==> flow/design.v <==
module muxn (aclk, RST, in_din, in_idx, out_res);
  parameter DATA_WIDTH = 32;
  parameter WAYS = 16;
  localparam LOGN = $clog2(WAYS);
  input aclk;
  input RST;
  input [WAYS*DATA_WIDTH-1:0] in_din;
  input [LOGN-1:0] in_idx;
  output reg [DATA_WIDTH-1:0] out_res;
  reg [WAYS*DATA_WIDTH-1:0] din_q;
  reg [LOGN-1:0] idx_q;
  always @(posedge aclk) begin
    if (RST) begin
      din_q <= 0;
      idx_q <= 0;
    end else begin
      din_q <= in_din;
      idx_q <= in_idx;
    end
  end
  localparam LO_W = WAYS / 2;
  reg [DATA_WIDTH-1:0] lo_q;
  reg [DATA_WIDTH-1:0] msb_q;
  reg idx_q_d;
  always @(posedge aclk) begin
    if (RST) begin
      lo_q <= 0;
      msb_q <= 0;
      idx_q_d <= 1'b0;
      out_res <= 0;
    end else begin
      lo_q <= din_q[idx_q[LOGN-2:0]*DATA_WIDTH +: DATA_WIDTH];
      msb_q <= din_q[(LO_W + idx_q[LOGN-2:0])*DATA_WIDTH +: DATA_WIDTH];
      idx_q_d <= idx_q[LOGN-1];
      out_res <= idx_q_d ? msb_q : lo_q;
    end
  end
endmodule
---- From RTL to reports: muxn ----
Tool output for the design above, in the order of the flow.
Line numbers count from 1 in the design file above.
Operators: Yosys type, input widths -> output width; for muxes data width and select width s.
Cell names lack the library's common part.
The mark -- stands for no value.
inputs
  top module .............................. muxn
  clock input ............................. aclk
  library ................................. sky130hd
  corner .................................. tt_025C_1v80

---- Word-level counts ----
Yosys after proc, flatten, opt, wreduce and memory -nomap, before mapping. Enables and synchronous resets that opt folds into registers are not counted as muxes. Memory bits, and registers merged into a memory's read port (data or address), are not among the register bits. Print and check cells are not counted. Equal cells are merged and count once.
cells by class
  add/subtract/negate cells ............... 1
  shifts and indexed selects .............. 2
  mux-type cells .......................... 1
operator list
  cell                 number
  $shiftx 512x11->32   1
  $shiftx 512x9->32    1
  $mux 32              1
  $add 4x3->5 const A  1
storage and ports
  register bits ........................... 613
  bits of input ports ..................... 518
  output and inout bits ................... 32
  word-level cells ........................ 10

---- Longest topological paths ----
Depth = most cells in a row (Yosys ltp): at word level without a register or memory, in the mapped netlist without a sequential cell, where the memories' decode and read muxes count.
depth
  word-level depth ........................ 2
  ABC_AREA ................................ 0
  mapped depth ............................ 5
  depth with buffers taken out ............ 3

---- Netlist ----
Source: synth_stat.txt of the flow (Yosys; design flattened, memories mapped). It holds for the ABC_AREA given above (unset counts as 0); a run with the other value may have another netlist.
cell types
  type      number
  dfxtp_1   613
  nor2b_1   517
  mux4_2    128
  mux2i_1   96
  nor2_1    96
  clkbuf_1  68
  buf_6     11
  buf_2     19
  buf_4     4
  buf_1     5
synthesis totals
  cell count .............................. 1557
  chip area (Yosys) ....................... 20233.2 µm²
  area of sequential cells ................ 12271.8 µm²
  flip-flops .............................. 613

---- Timing after synthesis ----
Path of least setup slack by OpenSTA after synthesis, without wires, with an ideal clock, recovery checks aside; 20% of the period is set as input and as output delay. Where synthesis merged equal registers, the netlist keeps one of their names.
timing after synthesis
  path type ............................... register -> register
  from .................................... register idx_q[1]
  to ...................................... register msb_q[13]
  clock period ............................ 1.88 ns
  setup time .............................. 0.128 ns
  launch time at the first pin ............ 0.000 ns
  arrival time ............................ 1.373 ns
  setup slack ............................. 0.380 ns
  path delay .............................. 1.501 ns
  driving pins on the path ................ 6
  buffers on the path ..................... 2
  synthesis period reached ................ 1.5 ns
"path delay" = arrival - input delay + setup time.
"driving pins on the path" counts driving pins, that of a launching flip-flop among them; a cell with two outputs on the path counts twice.
"synthesis period reached" is the clock period less the worst setup slack; recovery checks do not enter. This is arithmetic on one report: input and output delays are still those of the set period (20% each).
Between the ends stands the longest chain of elaborated cells between them, by number of cells; it is not shown to be the way that was timed. Of several equally long chains one is given.
Each line given opens the expression or statement behind the cell; cells for indexed reads and writes are added by Yosys, which also makes memories of some case tables.
on the way, after synthesis
  cells stage by stage .................... dfxtp_1 buf_6 buf_4 mux4_2 mux2i_1 nor2_1
  cells in the longest elaborated chain ... 2
  elaborated cells on any way between the ends .. 2
  source lines of those cells ............. 1
RTL lines, path after synthesis
  element             line  source
  start: declaration  11    reg [LOGN-1:0] idx_q;
  start: assignment   15    idx_q <= 0;
  start: assignment   18    idx_q <= in_idx;
  $add 4x3->5         33    msb_q <= din_q[(LO_W + idx_q[LOGN-2:0])*DATA_WIDTH +: DATA_WIDTH];
  $shiftx 512x11->32  33
  end: assignment     28    msb_q <= 0;
  end: assignment     33
  end: declaration    23    reg [DATA_WIDTH-1:0] msb_q;

---- Path in the finished layout ----
Path of least setup slack in the final report of run A (OpenROAD, finished layout, wires in). Where an end is a register, its clock arrival counts in the times.
timing after layout
  path type ............................... register -> output
  from .................................... register out_res[28]
  to ...................................... output port out_res[28]
  clock period ............................ 1.88 ns
  external output delay ................... 0.38 ns
  launch time at the first pin ............ 0.61 ns
  arrival time ............................ 1.44 ns
  setup slack ............................. 0.07 ns
  driving pins on the path ................ 2
  buffers on the path ..................... 1
on the way, after layout
  cells stage by stage .................... dfxtp_1 clkdlybuf4s50_1
  cells in the longest elaborated chain ... 0
  elaborated cells on any way between the ends .. 0
  source lines of those cells ............. 0
RTL lines, path after layout
  element             line  source
  start: declaration  9     output reg [DATA_WIDTH-1:0] out_res;
  start: assignment   30    out_res <= 0;
  start: assignment   35    out_res <= idx_q_d ? msb_q : lo_q;
  end: declaration    9

==> runs of muxn <==
Flow measurements of muxn on sky130hd: 3 stored runs with different settings, listed in no order. Input and output delays are each 20% of the period that was set; the output load is 0.01 pF.
"achieved clock period": clock period set for the run, less the worst setup slack. It is reckoned from that one timing run; input and output delays stay at 20% of the period that was set.
By "allowed time less slack (worst setup path)" is meant the share of the clock period that the worst setup path is allowed (20% is reserved at inputs, 20% at outputs), minus its slack. Clock arrival times at its registers enter into it.
By "total power of the final layout" is meant OpenSTA's value without simulated activity: inputs other than the clock are taken to toggle once in ten clock periods, and the tool carries that through the logic.

======== run A ========
==> flow/run.sh <==
#!/bin/bash
# the make line also repeats the synthesis and layout settings of config.mk as NAME=value (left out here)
make -C /OpenROAD-flow-scripts/flow DESIGN_CONFIG=/design/flow/config.mk WORK_HOME=/design/flow/orfs CLKGATE_MAP_FILE= finish
==> flow/config.mk <==
export PLATFORM = sky130hd
export DESIGN_NAME = muxn
export DESIGN_NICKNAME = muxn
export VERILOG_FILES = /design/flow/design.v
export SDC_FILE = /design/flow/constraint.sdc
export NUM_CORES = 4
export LEC_CHECK = 0
export CAP_MARGIN = 20
export CORE_MARGIN = 2
export CORE_UTILIZATION = 40
export SLEW_MARGIN = 20
==> flow/constraint.sdc <==
create_clock -name core_clock -period 1.88 [get_ports {aclk}]
set_input_delay 0.3760 -clock core_clock [delete_from_list [all_inputs] [get_ports {aclk}]]
set_output_delay 0.3760 -clock core_clock [all_outputs]
set_load 0.01 [all_outputs]

-------- measured, run A --------
  allowed time less slack (worst setup path) .. 1.44 ns
  kind of the worst setup path ............ register -> output
  standard-cell area after layout ......... 28778.9 µm²
  lowest hold slack ....................... 0.064 ns
  utilization ............................. 0.575
  full die area ........................... 52397.5 µm²
  chip area after synthesis (Yosys) ....... 20233.2 µm²
  achieved clock period ................... 1.815 ns
  total power of the final layout ......... 29438 uW
  post-route setup TNS .................... 0.000 ns
  setup slack of the worst path ........... 0.065 ns

======== run B ========
==> flow/run.sh <==
#!/bin/bash
# the make line also repeats the synthesis and layout settings of config.mk as NAME=value (left out here)
make -C /OpenROAD-flow-scripts/flow DESIGN_CONFIG=/design/flow/config.mk WORK_HOME=/design/flow/orfs CLKGATE_MAP_FILE= finish
==> flow/config.mk <==
export PLATFORM = sky130hd
export DESIGN_NAME = muxn
export DESIGN_NICKNAME = muxn
export VERILOG_FILES = /design/flow/design.v
export SDC_FILE = /design/flow/constraint.sdc
export NUM_CORES = 4
export LEC_CHECK = 0
export CAP_MARGIN = 20
export CORE_ASPECT_RATIO = 1.08
export CORE_MARGIN = 2
export CORE_UTILIZATION = 61
export GPL_ROUTABILITY_DRIVEN = 0
export PLACE_DENSITY_LB_ADDON = 0.05
export SETUP_SLACK_MARGIN = 0.05
export SLEW_MARGIN = 20
==> flow/constraint.sdc <==
create_clock -name core_clock -period 2.94 [get_ports {aclk}]
set_input_delay 0.5880 -clock core_clock [delete_from_list [all_inputs] [get_ports {aclk}]]
set_output_delay 0.5880 -clock core_clock [all_outputs]
set_load 0.01 [all_outputs]

-------- measured, run B --------
  allowed time less slack (worst setup path) .. 1.51 ns
  kind of the worst setup path ............ register -> output
  setup slack of the worst path ........... 0.838 ns
  lowest hold slack ....................... 0.447 ns
  standard-cell area after layout ......... 28043.1 µm²
  utilization ............................. 0.855
  chip area after synthesis (Yosys) ....... 20233.2 µm²
  full die area ........................... 34643.6 µm²
  post-route setup TNS .................... 0.000 ns
  total power of the final layout ......... 18296 uW
  achieved clock period ................... 2.102 ns

======== run C ========
==> flow/run.sh <==
#!/bin/bash
# the make line also repeats the synthesis and layout settings of config.mk as NAME=value (left out here)
make -C /OpenROAD-flow-scripts/flow DESIGN_CONFIG=/design/flow/config.mk WORK_HOME=/design/flow/orfs CLKGATE_MAP_FILE= finish
==> flow/config.mk <==
export PLATFORM = sky130hd
export DESIGN_NAME = muxn
export DESIGN_NICKNAME = muxn
export VERILOG_FILES = /design/flow/design.v
export SDC_FILE = /design/flow/constraint.sdc
export NUM_CORES = 4
export LEC_CHECK = 0
export CAP_MARGIN = 40
export CELL_PAD_IN_SITES_DETAIL_PLACEMENT = 1
export CELL_PAD_IN_SITES_GLOBAL_PLACEMENT = 0
export CORE_MARGIN = 7
export CORE_UTILIZATION = 17
export GPL_TIMING_DRIVEN = 0
export MAX_ROUTING_LAYER = met5
export MIN_ROUTING_LAYER = met1
export PLACE_DENSITY_LB_ADDON = 0.02
export SETUP_SLACK_MARGIN = 0.17
export SLEW_MARGIN = 0
export TNS_END_PERCENT = 75
==> flow/constraint.sdc <==
create_clock -name core_clock -period 1.38 [get_ports {aclk}]
set_input_delay 0.2760 -clock core_clock [delete_from_list [all_inputs] [get_ports {aclk}]]
set_output_delay 0.2760 -clock core_clock [all_outputs]
set_load 0.01 [all_outputs]

-------- measured, run C --------
  post-route setup TNS .................... -27.453 ns
  lowest hold slack ....................... 0.201 ns
  achieved clock period ................... 1.871 ns
  chip area after synthesis (Yosys) ....... 20233.2 µm²
  total power of the final layout ......... 45262 uW
  setup slack of the worst path ........... -0.491 ns
  full die area ........................... 128874.0 µm²
  standard-cell area after layout ......... 32020.7 µm²
  utilization ............................. 0.271
  allowed time less slack (worst setup path) .. 1.87 ns
  kind of the worst setup path ............ register -> register
